==> flow/design.v <==
module ex_data_mux (aclk, src_in, addr_in, dout_out);
    parameter integer DATA_W = 6;
    parameter integer NUM = 4;
    localparam integer LOGN = $clog2(NUM);
    input aclk;
    input [NUM*DATA_W-1:0] src_in;
    input [LOGN-1:0] addr_in;
    output [DATA_W-1:0] dout_out;
    reg [NUM*DATA_W-1:0] src_d1;
    always @(posedge aclk)
        src_d1 <= src_in;
    reg [LOGN-1:0] addr_d1;
    always @(posedge aclk)
        addr_d1 <= addr_in;
    assign dout_out = src_d1[addr_d1*DATA_W +: DATA_W];
endmodule
; Step by step through the tools: ex_data_mux
; Tool output for the design above, in the order of the flow.
; Line numbers count from 1 in the design file above.
; Cell names lack the library's common part.
; Not given: -
[design]
top_module = ex_data_mux
clock_port = aclk
lib = sky130hd
pvt_corner = tt_025C_1v80

; Word level
; Source: Yosys, flattened and elaborated, memories not mapped. Widths are those after wreduce; folded enables and synchronous resets count as part of the registers. Registers that Yosys merges into a memory's read port (data or address) are not register bits. Print and check cells do not count. Equal cells are merged and count once.
[op_classes]
add_sub_neg = 0
n_mul = 1
div = 0
compare = 0
equal = 0
n_shift = 1
mux = 0
bitwise = 0
n_reduce_logical = 0
[ops]
columns = cell, count
row1 = 24-bit by 6-bit variable part select with 6-bit output, 1
row2 = 2-bit by 2-bit multiplier with 4-bit output with constant B, 1
[word_totals]
register_bits = 26
latchBits = 0
mem_bits_rw = 0
rom_bits = 0
clocked_rd_ports_x_width = 0
mem_count = 0
in_bits = 27
output_inout_bits = 6

; Longest topological paths
; Longest topological path by Yosys (ltp), each cell counted once; first at word level (registers and memories cut), then after technology mapping (sequential cells cut; the memories' decode and read muxes count).
[logic_depth]
ltp_word = 2
abc_area = 0
mapped_depth = 2
mapped_depth_nobuf = 1

; Mapped cells and area
; The flow's flattened synthesis, as Yosys stat reports it; memories are mapped. The netlist is that of the ABC_AREA named above (0 if unset); the other value can give another one.
[by_type]
columns = cell_type, count, area_total_um2
row1 = dfxtp_1, 26, 520.499
row2 = mux4_2, 6, 135.13
row3 = buf_6, 1, 11.261
[mapped]
stdcells = 33
mapped_area_um2 = 666.9
sequential_area_um2 = 520.5
flip_flops = 26
buf_cells = 1

; Path before layout
; Source: OpenSTA report_checks on the synthesized netlist (no wires, ideal clock, input and output delay 20% of the period each), path of least setup slack; recovery checks are left aside. Register names are those of the netlist, which keeps one name where synthesis merged equal registers.
[synth_path]
path_type = register -> output
startpoint = reg addr_d1[0]
endpoint = out dout_out[0]
tclk_ns = 1.5
output_delay_ns = 0.300
launch_ns = 0.000
arrival_time_ns = 0.961
slack_ns = 0.239
path_delay_ns = 0.961
stages = 3
n_path_buf = 1
synth_period_reached_ns = 1.261
; "path_delay_ns" is the arrival time less input delay plus setup time.
; At an output port there is no setup time.
; "stages": output pins that drive a net of the path, with the launching flip-flop's if there is one; two outputs of one cell count as two.
; "synth_period_reached_ns" = period - worst setup slack (recovery checks aside). The figure is calculated, with input and output delays left at 20% of the set period.
; The rows between start and end are the longest chain of elaborated cells between them; the timing report does not say that the signal goes this way. Where chains are equally long, one stands for them.
; A line is the first line of the expression or statement that the cell stems from. Yosys adds cells for indexed reads and writes and turns some case tables into memories.
[synth_via]
cell_sequence = dfxtp_1 -> buf_6 -> mux4_2
elab_chain_cells = 2
cone_cells = 2
classes_between = 1 x mul; 1 x shift
[synth_lines]
columns = element, line_no
row1 = start: declaration, 12  ; reg [LOGN-1:0] addr_d1;
row2 = start: assignment, 14  ; addr_d1 <= addr_in;
row3 = 2-bit by 2-bit multiplier with 4-bit output, 15  ; assign dout_out = src_d1[addr_d1*DATA_W +: DATA_W];
row4 = 24-bit by 6-bit variable part select with 6-bit output, 15
row5 = end: declaration, 8  ; output [DATA_W-1:0] dout_out;

; Timing after layout
; From the final timing report of flow run 1: the path of least setup slack in the routed layout; clock arrival at registers is part of the times.
[layout_path]
path_type = register -> output
startpoint = reg addr_d1[0]
endpoint = out dout_out[0]
tclk_ns = 2.21
output_delay_ns = 0.44
launch_ns = 0.29
arrival_time_ns = 1.41
slack_ns = 0.36
stages = 4
n_path_buf = 2
; The rows between start and end are the longest chain of elaborated cells between them; the timing report does not say that the signal goes this way. Where chains are equally long, one stands for them.
[layout_via]
cell_sequence = dfxtp_2 -> buf_6 -> mux4_2 -> buf_2
elab_chain_cells = 2
cone_cells = 2
classes_between = 1 x mul; 1 x shift
[layout_lines]
columns = element, line_no
row1 = start: declaration, 12  ; reg [LOGN-1:0] addr_d1;
row2 = start: assignment, 14  ; addr_d1 <= addr_in;
row3 = 2-bit by 2-bit multiplier with 4-bit output, 15  ; assign dout_out = src_d1[addr_d1*DATA_W +: DATA_W];
row4 = 24-bit by 6-bit variable part select with 6-bit output, 15
row5 = end: declaration, 8  ; output [DATA_W-1:0] dout_out;

; Design ex_data_mux on sky130hd. What follows are 3 stored runs of the flow, each under its own settings; their order means nothing. The constraints put input and output delay at 20% of the set period each and load the outputs with 0.01 pF.
; "achievedPeriod_ns": clock period set for the run, less the worst setup slack. It is reckoned from that one timing run; input and output delays stay at 20% of the period that was set.
; "timing.worst_path_ns" is the time allowed to the run's worst setup path (the clock period less input and output delay, where it has them) less its slack. Clock arrival times count: a late capture clock shortens it, a late launch clock lengthens it.
; "power_total_uw" is the tool's figure for a default switching activity; nothing was simulated.

[flow run 1: settings]
period_ns = 2.21
CORE_UTILIZATION = 29
SETUP_SLACK_MARGIN = 0.55
PLACE_DENSITY_LB_ADDON = 0.06
CELL_PAD_IN_SITES_GLOBAL_PLACEMENT = 3
TNS_END_PERCENT = 75
GPL_TIMING_DRIVEN = 1
GPL_ROUTABILITY_DRIVEN = 0
CAP_MARGIN = 20
SLEW_MARGIN = 30
MIN_ROUTING_LAYER = met1
MAX_ROUTING_LAYER = met5
CORE_MARGIN = 2
[flow run 1: results]
layout_utilization_frac = 0.472
final_setup_ws_ns = 0.358
timing.setup.tns_ns = 0.000
final_die_area_um2 = 2699.3
synth_area_um2 = 666.9
achievedPeriod_ns = 1.852
fin_hold_ws_ns = 0.574
finalCellArea_um2 = 1033.5
timing.worst_path_ns = 1.41
timing.worst_path_kind = register -> output
power_total_uw = 766.8

[flow run 2: settings]
period_ns = 1.62
CORE_UTILIZATION = 35
SETUP_SLACK_MARGIN = 0.27
PLACE_DENSITY_LB_ADDON = 0.27
CORE_MARGIN = 5
CELL_PAD_IN_SITES_DETAIL_PLACEMENT = 1
ABC_AREA = 1
GPL_ROUTABILITY_DRIVEN = 0
CTS_CLUSTER_SIZE = 55
SLEW_MARGIN = 30
MIN_ROUTING_LAYER = met1
CAP_MARGIN = 20
[flow run 2: results]
layout_utilization_frac = 0.608
final_setup_ws_ns = 0.083
timing.setup.tns_ns = 0.000
final_die_area_um2 = 3374.4
synth_area_um2 = 809.5
achievedPeriod_ns = 1.537
fin_hold_ws_ns = 0.429
finalCellArea_um2 = 1345.0
timing.worst_path_ns = 1.21
timing.worst_path_kind = register -> output
power_total_uw = 1319

[flow run 3: settings]
period_ns = 1.5
CAP_MARGIN = 20
CORE_MARGIN = 2
CORE_UTILIZATION = 40
SLEW_MARGIN = 20
[flow run 3: results]
layout_utilization_frac = 0.669
final_setup_ws_ns = -0.214
timing.setup.tns_ns = -1.224
final_die_area_um2 = 2009.7
synth_area_um2 = 666.9
achievedPeriod_ns = 1.714
fin_hold_ws_ns = 0.417
finalCellArea_um2 = 1031.0
timing.worst_path_ns = 1.41
timing.worst_path_kind = register -> output
power_total_uw = 1147
